==> flow/design.v <==
module core_muxn_mod #(
  parameter integer W = 12,
  parameter integer NUM = 2,
  parameter integer LG = $clog2(NUM)
) (
  input  logic sys_clk,
  input  logic en,
  input  logic [NUM*W-1:0] in,
  input  logic [LG-1:0] addr,
  output logic [W-1:0] y
);
  wire [W-1:0] tree [1:2*NUM-1];
  for (genvar gi = 0; gi < NUM; gi++) begin : each
    assign tree[NUM+gi] = in[gi*W +: W];
  end
  for (genvar gi = 1; gi < NUM; gi++) begin : u_g
    sel2 #(.N(W)) unit (.a(tree[2*gi]), .b(tree[2*gi+1]), .s(addr[LG - $clog2(gi+1)]), .y(tree[gi]));
  end
  always_ff @(posedge sys_clk) begin
    if (en) begin
      y <= tree[1];
    end
  end
endmodule
module sel2 #(parameter N = 1) (
  input logic [N-1:0] a,
  input logic [N-1:0] b,
  input logic s,
  output logic [N-1:0] y
);
  assign y = s ? b : a;
endmodule
# Tool chain data of core_muxn_mod
# Tool output for the design above, in the order of the flow.
# Lines are those of the file above, counted from 1.
# Operators carry their Yosys type and port widths (W data, S select, Z words).
# Cell names lack the library's common part.
# The mark - stands for no value.
[setup]
top_module = "core_muxn_mod"
clock_port = "sys_clk"
library = "sky130hd"
lib_corner = "tt_025C_1v80"

# Word-level counts
# Source: Yosys, flattened and elaborated, memories not mapped. Widths are those after wreduce; folded enables and synchronous resets count as part of the registers. Registers that Yosys merges into a memory's read port (data or address) are not register bits. Print and check cells do not count. Equal cells are merged and count once.
[bits]
ff_bits = 12
input_bits = 27
out_inout_bits = 12
wordCells = 2
[classes]
n_mux = 1
[op_table]
columns = ["operator", "count"]
rows = [
  ["$mux W12", 1],
]

# Depth
# Yosys ltp: most cells in a row. Word level: on the elaborated netlist, between registers, memories and ports. Mapped: between sequential cells and ports; inverters and the memories' decode and read muxes count.
[depth]
word_depth = 1
abc_area = 0
ltp_mapped = 2
mapped_depth_nobuf = 1

# Netlist
# Source: synth_stat.txt of the flow (Yosys; design flattened, memories mapped). It holds for the ABC_AREA given above (unset counts as 0); a run with the other value may have another netlist.
# The area totals of this step are shown rounded.
[mapped]
stdcells = 25
yosys_area_um2 = 544
seq_area_um2 = 360
ff_cells = 12
buffers = 1
[types]
columns = ["type", "count", "type_area_um2"]
rows = [
  ["edfxtp_1", 12, 360.346],
  ["mux2_4", 10, 150.144],
  ["mux2_2", 2, 22.522],
  ["buf_6", 1, 11.261],
]
# The figures by module come from a second, unflattened synthesis with its own total; it is not the netlist above.
[hier_totals]
hier_cells = 25
area_unflattened_um2 = 544
# Rows give one instance, submodules left out.
[modules]
columns = ["module", "instances", "cells", "area_um2", "mod_seq_area_um2"]
rows = [
  ["core_muxn_mod", 1, 12, 360, 360],
  ["sel2 (N=12)", 1, 13, 184, 0.0],
]

# Path before layout
# Source: OpenSTA report_checks on the synthesized netlist (no wires, ideal clock, input and output delay 20% of the period each), path of least setup slack; recovery checks are left aside. Register names are those of the netlist, which keeps one name where synthesis merged equal registers.
[synth_timing]
kind = "input to register"
from = "input port addr[0]"
to = "register y[0]"
tclk_ps = 1090
input_delay_ps = 218
setup_time_ps = 260
launch_ps = 218
t_arrival_ps = 654
t_required_ps = 830
path_slack_ps = 176
delay_ps = 696
driving_pins = 2
n_path_buf = 1
synth_period_reached_ps = 914
# "delay_ps" is the arrival time less input delay plus setup time.
# "driving_pins" counts driving pins, that of a launching flip-flop among them; a cell with two outputs on the path counts twice.
# "synth_period_reached_ps" = period - worst setup slack (recovery checks aside). The figure is calculated, with input and output delays left at 20% of the set period.
# Between the ends stands the longest chain of elaborated cells between them, by number of cells; it is not shown to be the way that was timed. Of several equally long chains one is given.
# A line is the first line of the expression or statement that the cell stems from. Yosys adds cells for indexed reads and writes and turns some case tables into memories.
[synth_between]
cell_sequence = "buf_6 -> mux2_4"
elab_chain_len = 1
cells_between = 1
lines_between = 1
cone_classes = "mux: 1"
[synth_lines]
columns = ["element", "line_no", "source"]
rows = [
  ["start, declared", 9, "input  logic [LG-1:0] addr,"],
  ["$mux W12", 31, "assign y = s ? b : a;"],
  ["end, assigned", 21, "y <= tree[1];"],
  ["end, declared", 10, "output logic [W-1:0] y"],
]

# Worst path after layout
# From the final timing report of record 2: the path of least setup slack in the routed layout; clock arrival at registers is part of the times.
# The report prints the path's times to 10 ps; the period is as set.
[layout_timing]
kind = "register to output"
from = "register y[9]"
to = "output port y[9]"
tclk_ps = 1090
out_delay_ps = 220
launch_ps = 270
t_arrival_ps = 790
t_required_ps = 870
path_slack_ps = 80
driving_pins = 2
n_path_buf = 1
[layout_between]
cell_sequence = "edfxtp_1 -> buf_2"
elab_chain_len = 0
cells_between = 0
lines_between = 0
[layout_lines]
columns = ["element", "line_no", "source"]
rows = [
  ["start, declared", 10, "output logic [W-1:0] y"],
  ["start, assigned", 21, "y <= tree[1];"],
  ["end, declared", 10, ""],
]

# Record of 3 stored runs of the RTL-to-layout flow on core_muxn_mod, platform sky130hd. The runs are unordered. Constraints: input delay and output delay 20% of the set period each, output load 0.01 pF.
# "timing.achieved_period_ps": clock period set for the run, less the worst setup slack. It is reckoned from that one timing run; input and output delays stay at 20% of the period that was set.
# "worst_path_allowed_less_slack_ps": the worst setup path's part of the clock period (all of it between registers, 20% less for each end at a port) less its slack. A launch clock that arrives late makes it longer, a capture clock that arrives late makes it shorter.
# "final_power_mw" rests on the timing tool's default activity at the inputs, not on a simulated workload.
# "worst_path_allowed_less_slack_ps" is known to 10 ps.
# The results are shown rounded.

[[run]]
name = "record 1"
[run.settings]
period_ns = 1.37
CORE_UTILIZATION = 64
SETUP_SLACK_MARGIN = -0.13
CORE_ASPECT_RATIO = 0.77
CELL_PAD_IN_SITES_GLOBAL_PLACEMENT = 2
TNS_END_PERCENT = 25
ABC_AREA = 0
GPL_ROUTABILITY_DRIVEN = 0
CTS_CLUSTER_SIZE = 56
MAX_ROUTING_LAYER = "met4"
CAP_MARGIN = 20
CORE_MARGIN = 2
SLEW_MARGIN = 20
[run.results]
outcome = "incomplete, floorplanning halted on PDN-0185"

[[run]]
name = "record 2"
[run.settings]
period_ns = 1.09
CAP_MARGIN = 20
CORE_MARGIN = 2
CORE_UTILIZATION = 40
SLEW_MARGIN = 20
[run.results]
worst_path_allowed_less_slack_ps = 790
worst_setup_path_type = "register to output"
fin_tns_ps = 0
cell_area_final_um2 = 932
timing.achieved_period_ps = 1007
util_frac = 0.725
synth_area_um2 = 544
final_power_mw = 1.09
timing.hold.ws_ps = 543
setup_ws_ps = 83
die_um2 = 1670

[[run]]
name = "record 3"
[run.settings]
period_ns = 1.43
CORE_UTILIZATION = 68
SETUP_SLACK_MARGIN = 0.12
PLACE_DENSITY = 0.84
CTS_CLUSTER_DIAMETER = 102
MIN_ROUTING_LAYER = "met1"
MAX_ROUTING_LAYER = "met5"
CAP_MARGIN = 20
CORE_MARGIN = 2
SLEW_MARGIN = 20
[run.results]
outcome = "incomplete, floorplanning halted on PDN-0185"
